==> flow/design.v <==
module word #(parameter N = 8) (
  input wire clk,
  input wire en,
  input wire [N-1:0] d,
  output reg [N-1:0] q
);
  always @(posedge clk)
    if (en) q <= d;
endmodule
module sync_mem_v2 #(
  parameter NUM_REGS = 16,
  parameter WIDTH = 8,
  parameter NR = 8,
  parameter AWIDTH = $clog2(NUM_REGS)
) (
  input  ck,
  input  rst_i,
  input  in_wr_en,
  input  [AWIDTH-1:0] in_waddr,
  input  [WIDTH-1:0] in_write_data,
  input  [NR*AWIDTH-1:0] in_raddr,
  output [NR*WIDTH-1:0] out_dout
);
  reg wr_en_reg;
  reg [AWIDTH-1:0] waddr_reg;
  reg [WIDTH-1:0] write_data_reg;
  always @(posedge ck or posedge rst_i) begin
    if (rst_i) begin
      wr_en_reg <= 1'b0;
      waddr_reg <= 0;
      write_data_reg <= 0;
    end else begin
      wr_en_reg <= in_wr_en;
      waddr_reg <= in_waddr;
      write_data_reg <= in_write_data;
    end
  end
  wire [NUM_REGS*WIDTH-1:0] regs;
  genvar i;
  generate
    for (i = 0; i < NUM_REGS; i = i + 1) begin : each
      word #(.N(WIDTH)) i_sub (.clk(ck), .en(wr_en_reg && waddr_reg == i), .d(write_data_reg), .q(regs[i*WIDTH +: WIDTH]));
    end
  endgenerate
  reg [NR*AWIDTH-1:0] raddr_reg;
  always @(posedge ck or posedge rst_i) begin
    if (rst_i) begin
      raddr_reg <= 0;
    end else begin
      raddr_reg <= in_raddr;
    end
  end
  wire [NR*WIDTH-1:0] tmp;
  genvar j;
  generate
    for (j = 0; j < NR; j = j + 1) begin : gen
      assign tmp[j*WIDTH +: WIDTH] = regs[raddr_reg[j*AWIDTH +: AWIDTH]*WIDTH +: WIDTH];
    end
  endgenerate
  assign out_dout = tmp;
endmodule
Reports on sync_mem_v2
The steps from the RTL of sync_mem_v2 to its reports follow in flow order. Line numbers count from 1 in the design file above. Cell names lack the library's common part. The mark -- stands for no value.

Design top: sync_mem_v2. Clock input: ck. Standard-cell library: sky130hd. Timing corner: tt_025C_1v80.

Word-level counts
Counts by Yosys on the flattened word-level netlist (proc, flatten, opt, wreduce; memories kept). Register bits leave out memories and registers merged into their read ports (data or address); mux counts leave out enables and synchronous resets folded into registers. Print and check cells are left out. Cells with the same type and inputs are merged into one.

For reductions and logical operators the number is 17. The entry for shifts and indexed selects reads 8. Under equal/unequal tests stands 15.

Operator list (number): variable part select 128 x 8 -> 8 bit (8); equality test 4 bit (second input constant) (8); logical AND 1 bit (16); equality test 4 x 3 -> 1 bit (second input constant) (4); equality test 4 x 2 -> 1 bit (second input constant) (2); equality test 4 x 1 -> 1 bit (second input constant) (1); zero test 4 bit (1).

Under register bits after elaboration stands 173. Under bits of input ports stands 47.

Logic depth
Yosys ltp: most cells in a row. Word level: on the elaborated netlist, between registers, memories and ports. Mapped: between sequential cells and ports; inverters and the memories' decode and read muxes count.

Under word-level depth stands 2. Under ABC_AREA stands 0. Under depth in mapped cells stands 5. Under depth with buffers taken out stands 3.

Synthesis result
Yosys stat after the flow's synthesis: flattened, memories mapped to cells. It holds for the ABC_AREA given above (unset counts as 0); a run with the other value may have another netlist. Totals and module areas in this step are rounded.

Cells by type: edfxtp_1 (number 128, total area 3.84E+03 um^2); mux4_2 (number 151, total area 3.4E+03 um^2); mux4_1 (number 102, total area 2680.07 um^2); dfrtp_1 (number 45, total area 1126.08 um^2); a22oi_1 (number 128, total area 960.922 um^2); buf_6 (number 24, total area 270.259 um^2); nand2_1 (number 65, total area 243.984 um^2); clkdlybuf4s25_2 (number 9, total area 90.086 um^2); nor2b_1 (number 13, total area 81.328 um^2); buf_1 (number 21, total area 78.826 um^2); mux4_4 (number 3, total area 75.072 um^2); nor2_1 (number 20, total area 75.072 um^2); buf_4 (number 8, total area 60.058 um^2); and2_1 (number 8, total area 50.048 um^2); buf_2 (number 9, total area 45.043 um^2); clkbuf_1 (number 9, total area 33.782 um^2); and2b_1 (number 3, total area 22.522 um^2); nor3_1 (number 4, total area 20.019 um^2).

Other cell types: 5; their cells: 7.

Buffer cells: 80. The figure for flip-flop cells is 173. The entry for standard cells after synthesis reads 757. The figure for chip area (Yosys) is 13200 um^2.

The figures by module come from a second, unflattened synthesis with its own total; it is not the netlist above.

Under cell total of the unflattened synthesis stands 757. The entry for area total of the unflattened synthesis reads 13200 um^2.

Rows give one instance, submodules left out.

By module: sync_mem_v2 (instances 1, cells 629, area 9360 um^2); word #(N=8) (instances 16, cells 8, area 240 um^2).

Path before layout
OpenSTA on the mapped netlist: ideal clock, no wires. The path of least setup slack (recovery checks aside). Input and output delay are each 20% of the period. Register names are those of the netlist, which keeps one name where synthesis merged equal registers.

Kind: flip-flop to output port. From: register raddr_reg[12]. To: output out_dout[30]. Arrival time: 1.413 ns. Path delay: 1.413 ns. The entry for slack reads 0.459 ns. For stages the number is 6. The figure for time at the first pin is 0.000 ns. Under clock period stands 2.34 ns. The figure for path buffers is 2. The figure for required time is 1.872 ns. Under synthesis period reached stands 1.881 ns.

"path delay" = arrival - input delay + setup time. A path that ends at an output port has no setup time. "stages": output pins that drive a net of the path, with the launching flip-flop's if there is one; two outputs of one cell count as two. "synthesis period reached" is the clock period less the worst setup slack; recovery checks do not enter. This is arithmetic on one report: input and output delays are still those of the set period (20% each). Between the ends stands the longest chain of elaborated cells between them, by number of cells; it is not shown to be the way that was timed. Of several equally long chains one is given. A line is the first line of the expression or statement that the cell stems from. Yosys adds cells for indexed reads and writes and turns some case tables into memories.

Cell sequence: dfrtp_1 > buf_6 > buf_6 > mux4_1 > a22oi_1 > nand2_1. Under length of the longest elaborated chain stands 1.

RTL lines, path post-synthesis: from (decl) (RTL line 45) `reg [NR*AWIDTH-1:0] raddr_reg;`; from (assign) (RTL line 48) `raddr_reg <= 0;`; from (assign) (RTL line 50) `raddr_reg <= in_raddr;`; variable part select 128 x 8 -> 8 bit (RTL line 57) `assign tmp[j*WIDTH +: WIDTH] = regs[raddr_reg[j*AWIDTH +: AWIDTH]*WIDTH +: WIDTH];`; to (decl) (RTL line 22) `output [NR*WIDTH-1:0] out_dout`.

Path in the finished layout
Path of least setup slack in the final report of run 1 (OpenROAD, finished layout, wires in). Where an end is a register, its clock arrival counts in the times.

Kind: flip-flop to output port. From: register raddr_reg[12]. To: output out_dout[28]. The entry for slack reads -1.04 ns. For stages the number is 9. Arrival time: 2.32 ns. The figure for path buffers is 5. The figure for time at the first pin is 0.46 ns. Under clock period stands 1.59 ns. The figure for required time is 1.27 ns.

Between the ends stands the longest chain of elaborated cells between them, by number of cells; it is not shown to be the way that was timed. Of several equally long chains one is given.

Cell sequence: dfrtp_2 > buf_12 > buf_8 > buf_8 > buf_6 > mux4_2 > a22oi_2 > nand2_1 > buf_6. Under length of the longest elaborated chain stands 1.

RTL lines, path after layout: from (decl) (RTL line 45) `reg [NR*AWIDTH-1:0] raddr_reg;`; from (assign) (RTL line 48) `raddr_reg <= 0;`; from (assign) (RTL line 50) `raddr_reg <= in_raddr;`; variable part select 128 x 8 -> 8 bit (RTL line 57) `assign tmp[j*WIDTH +: WIDTH] = regs[raddr_reg[j*AWIDTH +: AWIDTH]*WIDTH +: WIDTH];`; to (decl) (RTL line 22) `output [NR*WIDTH-1:0] out_dout`.

Top module sync_mem_v2; platform sky130hd; tools Yosys and OpenROAD; 3 stored runs in no particular order. Input and output delays are each 20% of the period that was set; the output load is 0.01 pF. "worst path time" means the part of the period allowed to the worst setup path (the constraints hold back 20% at inputs and 20% at outputs) less its slack; where the path has registers, the arrival times of their clocks count too. The measured numbers are rounded.

Run 1 has these settings: period_ns 1.59; CORE_UTILIZATION 47; SETUP_SLACK_MARGIN 0.18; PLACE_DENSITY_LB_ADDON 0.06; CORE_MARGIN 8; CELL_PAD_IN_SITES_GLOBAL_PLACEMENT 0; CELL_PAD_IN_SITES_DETAIL_PLACEMENT 1; TNS_END_PERCENT 70; GPL_TIMING_DRIVEN 1; CTS_CLUSTER_SIZE 32; CTS_CLUSTER_DIAMETER 179; MIN_ROUTING_LAYER met1; MAX_ROUTING_LAYER met4; CAP_MARGIN 20; SLEW_MARGIN 20. The die outline area stands at 33700 um^2. The Yosys chip area after synthesis reads 13200 um^2. The measured worst setup slack after layout is -1.04 ns. For the standard-cell area after layout the run shows 18500 um^2. The measured post-route utilization is 66.7 %. The worst path time comes to 2.32 ns. Kind of the worst setup path: flip-flop to output port. The final setup TNS comes to -59.6 ns.

Run 2 has these settings: period_ns 2.39; CORE_UTILIZATION 35; PLACE_DENSITY_LB_ADDON 0.19; CELL_PAD_IN_SITES_GLOBAL_PLACEMENT 1; GPL_TIMING_DRIVEN 0; GPL_ROUTABILITY_DRIVEN 1; CTS_CLUSTER_SIZE 21; SLEW_MARGIN 20; MIN_ROUTING_LAYER met1; CAP_MARGIN 20; CORE_MARGIN 2. The die outline area stands at 39300 um^2. The Yosys chip area after synthesis reads 13200 um^2. The measured worst setup slack after layout is -0.492 ns. For the standard-cell area after layout the run shows 18000 um^2. The measured post-route utilization is 48.1 %. The worst path time comes to 2.40 ns. Kind of the worst setup path: flip-flop to output port. The final setup TNS comes to -22.2 ns.

Run 3 has these settings: period_ns 2.34; CAP_MARGIN 20; CORE_MARGIN 2; CORE_UTILIZATION 40; SLEW_MARGIN 20. The die outline area stands at 34500 um^2. The Yosys chip area after synthesis reads 13200 um^2. The measured worst setup slack after layout is -0.386 ns. For the standard-cell area after layout the run shows 18000 um^2. The measured post-route utilization is 55.2 %. The worst path time comes to 2.26 ns. Kind of the worst setup path: flip-flop to output port. The final setup TNS comes to -19.1 ns.
